==> flow/design.v <==
module alu_scratch_rtl #(
  parameter int WORDS = 40,
  parameter int NBITS = 16,
  parameter int RPORTS = 6,
  parameter int AW = $clog2(WORDS)
) (
  input  logic CLK,
  input  logic rstn,
  input  logic i_wr,
  input  logic [AW-1:0] i_write_addr,
  input  logic [NBITS-1:0] i_wd,
  input  logic [RPORTS*AW-1:0] i_ra,
  output logic [RPORTS*NBITS-1:0] o_q
);
  logic [NBITS-1:0] store [0:WORDS-1];
  always_ff @(posedge CLK) begin
    if (i_wr)
      store[i_write_addr] <= i_wd;
  end
  logic [RPORTS*NBITS-1:0] t;
  generate
    for (genvar j = 0; j < RPORTS; j++) begin : gen
      assign t[j*NBITS +: NBITS] = store[i_ra[j*AW +: AW]];
    end
  endgenerate
  always_ff @(posedge CLK or negedge rstn) begin
    if (~rstn) begin
      o_q <= 0;
    end else begin
      o_q <= t;
    end
  end
endmodule
Tool chain data of alu_scratch_rtl
What the tools print for alu_scratch_rtl, step after step.
Lines are those of the file above, counted from 1.
Cell names lack the library's common part.
{"block": "inputs", "design": "alu_scratch_rtl", "clk_port": "CLK", "cell_library": "sky130hd", "pvt_corner": "tt_025C_1v80"}

After elaboration
Source: Yosys, flattened and elaborated, memories not mapped. Widths are those after wreduce; folded enables and synchronous resets count as part of the registers. Registers that Yosys merges into a memory's read port (data or address) are not register bits. Print and check cells do not count.
Yosys's memory passes give these memory sizes; they may raise the number of words (mostly to a power of two), join words into wider ones and drop unused or constant bits.
{"block": "bits", "latch_bits": 0, "clocked_rd_ports_x_width": 96, "mem_bits_ro": 0, "register_bits": 0, "wordCells": 10, "n_memories": 1, "ramBits": 640, "input_bits": 61}
{"block": "op_classes", "cmp": 0, "n_mul": 0, "n_mux": 3, "eq_ne": 0, "n_div": 0, "n_addsub": 0, "reduce_logical": 6, "bitwise": 0, "shift": 0}
{"block": "memory_table", "memory": "store", "words": 40, "word_bits": 16, "rd": 6, "write_ports": 1, "line": 15, "text": "logic [NBITS-1:0] store [0:WORDS-1];"}
{"block": "op_table", "op": "16-bit 2-to-1 mux", "n": 1}
{"block": "op_table", "op": "1-bit logical NOT", "n": 6}
{"block": "op_table", "op": "6-bit 2-to-1 mux", "n": 1}
{"block": "op_table", "op": "1-bit 2-to-1 mux", "n": 1}

Depth
Depth = most cells in a row (Yosys ltp): at word level without a register or memory, in the mapped netlist without a sequential cell, where the memories' decode and read muxes count.
{"block": "depth", "word_depth": 1, "abc_area": 1, "ltp_mapped": 13}

Synthesis result
Source: synth_stat.txt of the flow (Yosys; design flattened, memories mapped). It holds for the ABC_AREA given above (unset counts as 0); a run with the other value may have another netlist.
{"block": "by_type", "cell": "edfxtp_1", "n": 640, "type_area_um2": 1.92E+04}
{"block": "by_type", "cell": "nand2_1", "n": 4036, "type_area_um2": 1.51E+04}
{"block": "by_type", "cell": "nand3_1", "n": 2687, "type_area_um2": 1.34E+04}
{"block": "by_type", "cell": "dfrtp_1", "n": 96, "type_area_um2": 2.4E+03}
{"block": "by_type", "cell": "buf_2", "n": 395, "type_area_um2": 1.98E+03}
{"block": "by_type", "cell": "o21ai_0", "n": 358, "type_area_um2": 1.79E+03}
{"block": "by_type", "cell": "o211ai_1", "n": 192, "type_area_um2": 1.44E+03}
{"block": "by_type", "cell": "a21oi_1", "n": 192, "type_area_um2": 960.922}
{"block": "by_type", "cell": "clkbuf_1", "n": 245, "type_area_um2": 919.632}
{"block": "by_type", "cell": "nor2_1", "n": 143, "type_area_um2": 536.765}
{"block": "by_type", "cell": "buf_4", "n": 52, "type_area_um2": 390.374}
{"block": "by_type", "cell": "buf_1", "n": 100, "type_area_um2": 375.36}
{"block": "by_type", "cell": "inv_1", "n": 97, "type_area_um2": 364.099}
{"block": "by_type", "cell": "buf_6", "n": 24, "type_area_um2": 270.259}
{"block": "by_type", "cell": "o21ai_1", "n": 31, "type_area_um2": 155.149}
{"block": "by_type", "cell": "nor3_1", "n": 8, "type_area_um2": 40.038}
{"block": "by_type", "cell": "inv_2", "n": 10, "type_area_um2": 37.536}
{"block": "by_type", "cell": "buf_8", "n": 2, "type_area_um2": 30.029}
{"block": "synth_totals", "sequential_area_um2": 21620.7, "cell_count": 9308, "area_um2": 59508.3, "ffs": 736}

Path before layout
Path of least setup slack by OpenSTA after synthesis, without wires, with an ideal clock, recovery checks aside; 20% of the period is set as input and as output delay. Where synthesis merged equal registers, the netlist keeps one of their names.
{"block": "synth_timing", "path_kind": "in2reg", "start": "input port i_wr", "end": "memory store[0][0]", "path_stages": 3, "arrival_time_ns": 1.952, "setup_time_ns": 0.388, "launch_ns": 0.694, "delay_ns": 1.646, "slack_ns": 1.130, "period_ns": 3.47, "synth_period_reached_ns": 2.34}
"delay_ns" = arrival - input delay + setup time.
"path_stages" counts driving pins, that of a launching flip-flop among them; a cell with two outputs on the path counts twice.
"synth_period_reached_ns" is the clock period less the worst setup slack; recovery checks do not enter. This is arithmetic on one report: input and output delays are still those of the set period (20% each).
Between the ends stands the longest chain of elaborated cells between them, by number of cells; it is not shown to be the way that was timed. Of several equally long chains one is given.
A line is the first line of the expression or statement that the cell stems from. Yosys adds cells for indexed reads and writes and turns some case tables into memories.
Only ways into the end's enable, where the timed path ends, are counted here.
{"block": "synth_between", "cell_sequence": "clkbuf_1 -> nand3_1 -> nor2_1", "elab_chain_len": 1, "cells_between": 2, "lines_between": 1}
{"block": "synth_lines", "item": "start, declared", "line": 9, "text": "input  logic i_wr,"}
{"block": "synth_lines", "item": "6-bit 2-to-1 mux", "line": 17, "text": "if (i_wr)"}
{"block": "synth_lines", "item": "end, declared", "line": 15, "text": "logic [NBITS-1:0] store [0:WORDS-1];"}

Worst path after layout
From the final timing report of entry A: the path of least setup slack in the routed layout; clock arrival at registers is part of the times.
{"block": "layout_timing", "path_kind": "reg2out", "start": "register o_q[50]", "end": "output port o_q[50]", "slack_ns": 0.32, "arrival_time_ns": 1.55, "path_stages": 2, "period_ns": 2.34, "launch_ns": 0.78, "output_delay_ns": 0.47}
{"block": "layout_between", "cell_sequence": "dfrtp_4 -> buf_6", "elab_chain_len": 0, "cells_between": 0, "lines_between": 0}
{"block": "layout_lines", "item": "start, declared", "line": 13, "text": "output logic [RPORTS*NBITS-1:0] o_q"}
{"block": "layout_lines", "item": "end, declared", "line": 13}

Ticket comment

alu_scratch_rtl through Yosys and OpenROAD on sky130hd: 3 stored runs, unordered, with their settings and measured results. The constraints put input and output delay at 20% of the set period each and load the outputs with 0.01 pF.
By "period_less_ws_ns" is meant the clock period of the run minus its worst setup slack. This is arithmetic on one report: input and output delays are still those of the set period (20% each).
"timing.worst_path_ns" = time allowed to the worst setup path (clock period - input delay - output delay, where it has them) - its slack; a late launch clock adds to it, a late capture clock takes from it.
"totalPower_uw" is the tool's figure for a default switching activity; nothing was simulated.

Entry A
==> flow/run.sh <==
#!/bin/bash
# the make line also repeats the synthesis and layout settings of config.mk as NAME=value (left out here)
make -C /OpenROAD-flow-scripts/flow DESIGN_CONFIG=/design/flow/config.mk WORK_HOME=/design/flow/orfs CLKGATE_MAP_FILE= finish
==> flow/config.mk <==
export PLATFORM = sky130hd
export DESIGN_NAME = alu_scratch_rtl
export DESIGN_NICKNAME = alu_scratch_rtl
export VERILOG_FILES = /design/flow/design.v
export SDC_FILE = /design/flow/constraint.sdc
export NUM_CORES = 4
export LEC_CHECK = 0
export ABC_AREA = 1
export CAP_MARGIN = 20
export CELL_PAD_IN_SITES_DETAIL_PLACEMENT = 1
export CELL_PAD_IN_SITES_GLOBAL_PLACEMENT = 2
export CORE_MARGIN = 2
export CORE_UTILIZATION = 29
export CTS_CLUSTER_SIZE = 16
export GPL_ROUTABILITY_DRIVEN = 1
export HOLD_SLACK_MARGIN = 0.26
export PLACE_DENSITY_LB_ADDON = 0.0
export SETUP_SLACK_MARGIN = 0.55
export SLEW_MARGIN = 5
==> flow/constraint.sdc <==
create_clock -name core_clock -period 2.34 [get_ports {CLK}]
set_input_delay 0.4680 -clock core_clock [delete_from_list [all_inputs] [get_ports {CLK}]]
set_output_delay 0.4680 -clock core_clock [all_outputs]
set_load 0.01 [all_outputs]

==> results of entry A, as JSON <==
{
  "yosys.chip_area_um2": 59508.3,
  "final_setup_ws_ns": 0.324,
  "totalPower_uw": 42394,
  "dieArea_um2": 208840.0,
  "timing.worst_path_ns": 1.55,
  "worst_path_kind": "reg2out",
  "final_util_pct": 36.9,
  "period_less_ws_ns": 2.016
}

Entry B
==> flow/run.sh <==
#!/bin/bash
# the make line also repeats the synthesis and layout settings of config.mk as NAME=value (left out here)
make -C /OpenROAD-flow-scripts/flow DESIGN_CONFIG=/design/flow/config.mk WORK_HOME=/design/flow/orfs CLKGATE_MAP_FILE= finish
==> flow/config.mk <==
export PLATFORM = sky130hd
export DESIGN_NAME = alu_scratch_rtl
export DESIGN_NICKNAME = alu_scratch_rtl
export VERILOG_FILES = /design/flow/design.v
export SDC_FILE = /design/flow/constraint.sdc
export NUM_CORES = 4
export LEC_CHECK = 0
export CAP_MARGIN = 30
export CELL_PAD_IN_SITES_DETAIL_PLACEMENT = 1
export CELL_PAD_IN_SITES_GLOBAL_PLACEMENT = 3
export CORE_MARGIN = 2
export CORE_UTILIZATION = 38
export CTS_CLUSTER_DIAMETER = 342
export CTS_CLUSTER_SIZE = 14
export GPL_ROUTABILITY_DRIVEN = 0
export GPL_TIMING_DRIVEN = 1
export PLACE_DENSITY_LB_ADDON = 0.22
export SETUP_SLACK_MARGIN = 0.0
export SLEW_MARGIN = 20
export TNS_END_PERCENT = 45
==> flow/constraint.sdc <==
create_clock -name core_clock -period 5.38 [get_ports {CLK}]
set_input_delay 1.0760 -clock core_clock [delete_from_list [all_inputs] [get_ports {CLK}]]
set_output_delay 1.0760 -clock core_clock [all_outputs]
set_load 0.01 [all_outputs]

==> results of entry B, as JSON <==
{
  "yosys.chip_area_um2": 56238.9,
  "final_setup_ws_ns": 1.844,
  "totalPower_uw": 14207,
  "dieArea_um2": 151092.0,
  "timing.worst_path_ns": 2.46,
  "worst_path_kind": "in2reg",
  "final_util_pct": 42.1,
  "period_less_ws_ns": 3.536
}

Entry C
==> flow/run.sh <==
#!/bin/bash
# the make line also repeats the synthesis and layout settings of config.mk as NAME=value (left out here)
make -C /OpenROAD-flow-scripts/flow DESIGN_CONFIG=/design/flow/config.mk WORK_HOME=/design/flow/orfs CLKGATE_MAP_FILE= finish
==> flow/config.mk <==
export PLATFORM = sky130hd
export DESIGN_NAME = alu_scratch_rtl
export DESIGN_NICKNAME = alu_scratch_rtl
export VERILOG_FILES = /design/flow/design.v
export SDC_FILE = /design/flow/constraint.sdc
export NUM_CORES = 4
export LEC_CHECK = 0
export CAP_MARGIN = 20
export CORE_MARGIN = 2
export CORE_UTILIZATION = 40
export SLEW_MARGIN = 20
==> flow/constraint.sdc <==
create_clock -name core_clock -period 3.47 [get_ports {CLK}]
set_input_delay 0.6940 -clock core_clock [delete_from_list [all_inputs] [get_ports {CLK}]]
set_output_delay 0.6940 -clock core_clock [all_outputs]
set_load 0.01 [all_outputs]

==> results of entry C, as JSON <==
{
  "yosys.chip_area_um2": 56238.9,
  "final_setup_ws_ns": 0.646,
  "totalPower_uw": 25431,
  "dieArea_um2": 143614.0,
  "timing.worst_path_ns": 2.13,
  "worst_path_kind": "reg2out",
  "final_util_pct": 46.7,
  "period_less_ws_ns": 2.824
}
